==> flow/design.v <==
module my_selector_rtl #(
    parameter W = 32
) (
    input wire clk,
    input wire nrst,
    input wire [W-1:0] din0,
    input wire [W-1:0] din1,
    input wire [W-1:0] din2,
    input wire [W-1:0] din3,
    input wire [W-1:0] din4,
    input wire [W-1:0] din5,
    input wire [W-1:0] din6,
    input wire [2:0] sel,
    output wire [W-1:0] q
);
    reg [W-1:0] din0_ff;
    reg [W-1:0] din1_ff;
    reg [W-1:0] din2_ff;
    reg [W-1:0] din3_ff;
    reg [W-1:0] din4_ff;
    reg [W-1:0] din5_ff;
    reg [W-1:0] din6_ff;
    reg [2:0] sel_ff;
    always @(posedge clk or negedge nrst) begin
        if (!nrst) begin
            din0_ff <= 0;
            din1_ff <= 0;
            din2_ff <= 0;
            din3_ff <= 0;
            din4_ff <= 0;
            din5_ff <= 0;
            din6_ff <= 0;
            sel_ff <= 0;
        end else begin
            din0_ff <= din0;
            din1_ff <= din1;
            din2_ff <= din2;
            din3_ff <= din3;
            din4_ff <= din4;
            din5_ff <= din5;
            din6_ff <= din6;
            sel_ff <= sel;
        end
    end
    reg [W-1:0] t;
    always @* begin
        if (sel_ff == 0) t = din0_ff;
        else if (sel_ff == 1) t = din1_ff;
        else if (sel_ff == 2) t = din2_ff;
        else if (sel_ff == 3) t = din3_ff;
        else if (sel_ff == 4) t = din4_ff;
        else if (sel_ff == 5) t = din5_ff;
        else t = din6_ff;
    end
    assign q = t;
endmodule
From RTL to reports: my_selector_rtl
The steps from the RTL of my_selector_rtl to its reports follow in flow order.
Line numbers count from 1 in the design file above.
Cell names lack the library's common part.
{"block": "setup", "top_module": "my_selector_rtl", "clock": "clk", "lib": "sky130hd", "pvt_corner": "tt_025C_1v80"}

After elaboration
Counts by Yosys on the flattened word-level netlist (proc, flatten, opt, wreduce; memories kept). Register bits leave out memories and registers merged into their read ports (data or address); mux counts leave out enables and synchronous resets folded into registers. Print and check cells are left out. Cells with the same type and inputs are merged into one.
{"block": "bits", "regBits": 227, "input_bits": 229, "out_inout_bits": 32, "word_cells": 20}
{"block": "classes", "eq_ne": 5, "mux": 6, "reduce_and_logical": 1}
{"block": "ops", "op": "two-way mux 32 bit", "count": 6}
{"block": "ops", "op": "== test 3 x 2 -> 1 bit (second input constant)", "count": 2}
{"block": "ops", "op": "== test 3 bit (second input constant)", "count": 2}
{"block": "ops", "op": "== test 3 x 1 -> 1 bit (second input constant)", "count": 1}
{"block": "ops", "op": "logical NOT 3 bit", "count": 1}

Logic depth
Depth = most cells in a row (Yosys ltp): at word level without a register or memory, in the mapped netlist without a sequential cell, where the memories' decode and read muxes count.
{"block": "depth", "ltp_word": 7, "abc_area": 0, "depth_mapped": 6, "mapped_depth_nobuf": 3}

Mapped cells and area
Source: synth_stat.txt of the flow (Yosys; design flattened, memories mapped). It holds for the ABC_AREA given above (unset counts as 0); a run with the other value may have another netlist.
{"block": "types", "type": "dfrtp_1", "count": 227, "area_total_um2": 5.68E+03}
{"block": "types", "type": "a221oi_1", "count": 32, "area_total_um2": 280.269}
{"block": "types", "type": "mux2_2", "count": 24, "area_total_um2": 270.259}
{"block": "types", "type": "o32ai_1", "count": 24, "area_total_um2": 210.202}
{"block": "types", "type": "a211oi_1", "count": 24, "area_total_um2": 180.173}
{"block": "types", "type": "o31ai_1", "count": 24, "area_total_um2": 180.173}
{"block": "types", "type": "mux2i_1", "count": 16, "area_total_um2": 160.154}
{"block": "types", "type": "nor2b_1", "count": 24, "area_total_um2": 150.144}
{"block": "types", "type": "buf_2", "count": 23, "area_total_um2": 115.11}
{"block": "types", "type": "nand2_1", "count": 25, "area_total_um2": 93.84}
{"block": "types", "type": "a32o_1", "count": 8, "area_total_um2": 80.077}
{"block": "types", "type": "o32a_1", "count": 8, "area_total_um2": 80.077}
{"block": "types", "type": "buf_6", "count": 5, "area_total_um2": 56.304}
{"block": "types", "type": "inv_1", "count": 9, "area_total_um2": 33.782}
{"block": "types", "type": "nor2_1", "count": 8, "area_total_um2": 30.029}
{"block": "types", "type": "nor3_4", "count": 1, "area_total_um2": 16.266}
{"block": "types", "type": "buf_4", "count": 2, "area_total_um2": 15.014}
{"block": "types", "type": "clkbuf_1", "count": 4, "area_total_um2": 15.014}
Not listed: further types 7, cells in them 8.
{"block": "mapped", "stdcells": 496, "area_um2": 7701.1, "seq_area_um2": 5680.4, "ffs": 227, "buffers": 37}

Timing after synthesis
Source: OpenSTA report_checks on the synthesized netlist (no wires, ideal clock, input and output delay 20% of the period each), path of least setup slack; recovery checks are left aside. Register names are those of the netlist, which keeps one name where synthesis merged equal registers.
{"block": "synth_timing", "path_type": "register -> output", "startpoint": "reg sel_ff[0]", "endpoint": "out q[0]", "period_ps": 2120, "out_delay_ps": 424, "t_first_pin_ps": 0, "arrival_ps": 1355, "required_ps": 1696, "path_slack_ps": 341, "path_delay_ps": 1355, "driving_pins": 6, "path_buffers": 2, "synth_period_reached_ps": 1779}
"path_delay_ps" = arrival - input delay + setup time.
At an output port there is no setup time.
"driving_pins" counts driving pins, that of a launching flip-flop among them; a cell with two outputs on the path counts twice.
"synth_period_reached_ps" = period - worst setup slack (recovery checks aside). The figure is calculated, with input and output delays left at 20% of the set period.
The rows between start and end are the longest chain of elaborated cells between them; the timing report does not say that the signal goes this way. Where chains are equally long, one stands for them.
Each line given opens the expression or statement behind the cell; cells for indexed reads and writes are added by Yosys, which also makes memories of some case tables.
{"block": "synth_between", "cell_sequence": "dfrtp_1 -> buf_6 -> nor2b_4 -> buf_6 -> a32o_1 -> o32a_1", "elab_chain_cells": 7, "cone_cells": 12, "cone_lines": 6, "cone_classes": "eq/ne: 5; mux: 6; reduce/logical: 1"}
{"block": "synth_rtl", "element": "start: declaration", "line_no": 23, "rtl": "reg [2:0] sel_ff;"}
{"block": "synth_rtl", "element": "start: assignment", "line_no": 33, "rtl": "sel_ff <= 0;"}
{"block": "synth_rtl", "element": "start: assignment", "line_no": 42, "rtl": "sel_ff <= sel;"}
{"block": "synth_rtl", "element": "== test 3 bit", "line_no": 52, "rtl": "else if (sel_ff == 5) t = din5_ff;"}
{"block": "synth_rtl", "element": "two-way mux 32 bit", "line_no": 52}
{"block": "synth_rtl", "element": "two-way mux 32 bit", "line_no": 51, "rtl": "else if (sel_ff == 4) t = din4_ff;"}
{"block": "synth_rtl", "element": "two-way mux 32 bit", "line_no": 50, "rtl": "else if (sel_ff == 3) t = din3_ff;"}
{"block": "synth_rtl", "element": "two-way mux 32 bit", "line_no": 49, "rtl": "else if (sel_ff == 2) t = din2_ff;"}
{"block": "synth_rtl", "element": "two-way mux 32 bit", "line_no": 48, "rtl": "else if (sel_ff == 1) t = din1_ff;"}
{"block": "synth_rtl", "element": "two-way mux 32 bit", "line_no": 47, "rtl": "if (sel_ff == 0) t = din0_ff;"}
{"block": "synth_rtl", "element": "end: declaration", "line_no": 14, "rtl": "output wire [W-1:0] q"}

Timing after layout
Path of least setup slack in the final report of stored run 1 (OpenROAD, finished layout, wires in). Where an end is a register, its clock arrival counts in the times.
The path's times are printed in steps of 10 ps; the period is the one set.
{"block": "layout_timing", "path_type": "register -> output", "startpoint": "reg sel_ff[0]", "endpoint": "out q[12]", "period_ps": 2120, "out_delay_ps": 420, "t_first_pin_ps": 510, "arrival_ps": 2150, "required_ps": 1700, "path_slack_ps": -460, "driving_pins": 7, "path_buffers": 4}
The rows between start and end are the longest chain of elaborated cells between them; the timing report does not say that the signal goes this way. Where chains are equally long, one stands for them.
{"block": "layout_between", "cell_sequence": "dfrtp_2 -> buf_6 -> buf_8 -> or3_4 -> buf_12 -> o32a_1 -> buf_2", "elab_chain_cells": 7, "cone_cells": 12, "cone_lines": 6, "cone_classes": "eq/ne: 5; mux: 6; reduce/logical: 1"}
{"block": "layout_rtl", "element": "start: declaration", "line_no": 23, "rtl": "reg [2:0] sel_ff;"}
{"block": "layout_rtl", "element": "start: assignment", "line_no": 33, "rtl": "sel_ff <= 0;"}
{"block": "layout_rtl", "element": "start: assignment", "line_no": 42, "rtl": "sel_ff <= sel;"}
{"block": "layout_rtl", "element": "== test 3 bit", "line_no": 52, "rtl": "else if (sel_ff == 5) t = din5_ff;"}
{"block": "layout_rtl", "element": "two-way mux 32 bit", "line_no": 52}
{"block": "layout_rtl", "element": "two-way mux 32 bit", "line_no": 51, "rtl": "else if (sel_ff == 4) t = din4_ff;"}
{"block": "layout_rtl", "element": "two-way mux 32 bit", "line_no": 50, "rtl": "else if (sel_ff == 3) t = din3_ff;"}
{"block": "layout_rtl", "element": "two-way mux 32 bit", "line_no": 49, "rtl": "else if (sel_ff == 2) t = din2_ff;"}
{"block": "layout_rtl", "element": "two-way mux 32 bit", "line_no": 48, "rtl": "else if (sel_ff == 1) t = din1_ff;"}
{"block": "layout_rtl", "element": "two-way mux 32 bit", "line_no": 47, "rtl": "if (sel_ff == 0) t = din0_ff;"}
{"block": "layout_rtl", "element": "end: declaration", "line_no": 14, "rtl": "output wire [W-1:0] q"}

Appendix: measured runs

Measured data: module my_selector_rtl, platform sky130hd, 3 stored runs of the flow under differing settings, order arbitrary. Input and output delays are each 20% of the period that was set; the output load is 0.01 pF.
"achieved_clock_period_ps": clock period set for the run, less the worst setup slack. It is reckoned from that one timing run; input and output delays stay at 20% of the period that was set.
By "worst_path_allowed_less_slack_ps" is meant the share of the clock period that the worst setup path is allowed (20% is reserved at inputs, 20% at outputs), minus its slack. Clock arrival times at its registers enter into it.
"totalPower_mw" rests on the timing tool's default activity at the inputs, not on a simulated workload.
"worst_path_allowed_less_slack_ps" is known to 10 ps.

Stored run 1
==> flow/run.sh <==
#!/bin/bash
# the make line also repeats the synthesis and layout settings of config.mk as NAME=value (left out here)
make -C /OpenROAD-flow-scripts/flow DESIGN_CONFIG=/design/flow/config.mk WORK_HOME=/design/flow/orfs CLKGATE_MAP_FILE= finish
==> flow/config.mk <==
export PLATFORM = sky130hd
export DESIGN_NAME = my_selector_rtl
export DESIGN_NICKNAME = my_selector_rtl
export VERILOG_FILES = /design/flow/design.v
export SDC_FILE = /design/flow/constraint.sdc
export NUM_CORES = 4
export LEC_CHECK = 0
export CAP_MARGIN = 20
export CORE_MARGIN = 2
export CORE_UTILIZATION = 40
export SLEW_MARGIN = 20
==> flow/constraint.sdc <==
create_clock -name core_clock -period 2.12 [get_ports {clk}]
set_input_delay 0.4240 -clock core_clock [delete_from_list [all_inputs] [get_ports {clk}]]
set_output_delay 0.4240 -clock core_clock [all_outputs]
set_load 0.01 [all_outputs]

==> results of stored run 1, as JSON <==
{
  "worst_path_allowed_less_slack_ps": 2150,
  "critical_path_type": "register -> output",
  "totalPower_mw": 10.452,
  "achieved_clock_period_ps": 2578,
  "worstSetupSlack_ps": -458,
  "final_setup_tns_ps": -12824,
  "hold_worst_slack_ps": 348,
  "die_area_um2": 20379.0,
  "ys_area_um2": 7701.1,
  "final_stdcell_area_um2": 12738.5
}

Stored run 2
==> flow/run.sh <==
#!/bin/bash
# the make line also repeats the synthesis and layout settings of config.mk as NAME=value (left out here)
make -C /OpenROAD-flow-scripts/flow DESIGN_CONFIG=/design/flow/config.mk WORK_HOME=/design/flow/orfs CLKGATE_MAP_FILE= finish
==> flow/config.mk <==
export PLATFORM = sky130hd
export DESIGN_NAME = my_selector_rtl
export DESIGN_NICKNAME = my_selector_rtl
export VERILOG_FILES = /design/flow/design.v
export SDC_FILE = /design/flow/constraint.sdc
export NUM_CORES = 4
export LEC_CHECK = 0
export CAP_MARGIN = 20
export CORE_ASPECT_RATIO = 0.67
export CORE_MARGIN = 2
export CORE_UTILIZATION = 24
export GPL_TIMING_DRIVEN = 1
export MAX_ROUTING_LAYER = met4
export PLACE_DENSITY_LB_ADDON = 0.27
export SETUP_SLACK_MARGIN = -0.16
export SLEW_MARGIN = 10
==> flow/constraint.sdc <==
create_clock -name core_clock -period 2.36 [get_ports {clk}]
set_input_delay 0.4720 -clock core_clock [delete_from_list [all_inputs] [get_ports {clk}]]
set_output_delay 0.4720 -clock core_clock [all_outputs]
set_load 0.01 [all_outputs]

==> results of stored run 2, as JSON <==
{
  "worst_path_allowed_less_slack_ps": 2230,
  "critical_path_type": "register -> output",
  "achieved_clock_period_ps": 2705,
  "worstSetupSlack_ps": -345,
  "ys_area_um2": 7701.1,
  "hold_worst_slack_ps": 367,
  "totalPower_mw": 9.152,
  "final_stdcell_area_um2": 12709.7,
  "final_setup_tns_ps": -8615,
  "die_area_um2": 33566.0
}

Stored run 3
==> flow/run.sh <==
#!/bin/bash
# the make line also repeats the synthesis and layout settings of config.mk as NAME=value (left out here)
make -C /OpenROAD-flow-scripts/flow DESIGN_CONFIG=/design/flow/config.mk WORK_HOME=/design/flow/orfs CLKGATE_MAP_FILE= finish
==> flow/config.mk <==
export PLATFORM = sky130hd
export DESIGN_NAME = my_selector_rtl
export DESIGN_NICKNAME = my_selector_rtl
export VERILOG_FILES = /design/flow/design.v
export SDC_FILE = /design/flow/constraint.sdc
export NUM_CORES = 4
export LEC_CHECK = 0
export CAP_MARGIN = 20
export CELL_PAD_IN_SITES_DETAIL_PLACEMENT = 1
export CORE_MARGIN = 2
export CORE_UTILIZATION = 50
export CTS_CLUSTER_SIZE = 64
export MAX_ROUTING_LAYER = met5
export PLACE_DENSITY_LB_ADDON = 0.22
export SLEW_MARGIN = 20
export TNS_END_PERCENT = 85
==> flow/constraint.sdc <==
create_clock -name core_clock -period 2.71 [get_ports {clk}]
set_input_delay 0.5420 -clock core_clock [delete_from_list [all_inputs] [get_ports {clk}]]
set_output_delay 0.5420 -clock core_clock [all_outputs]
set_load 0.01 [all_outputs]

==> results of stored run 3, as JSON <==
{
  "outcome": "no final report: clock tree synthesis broke off with DPL-0033"
}
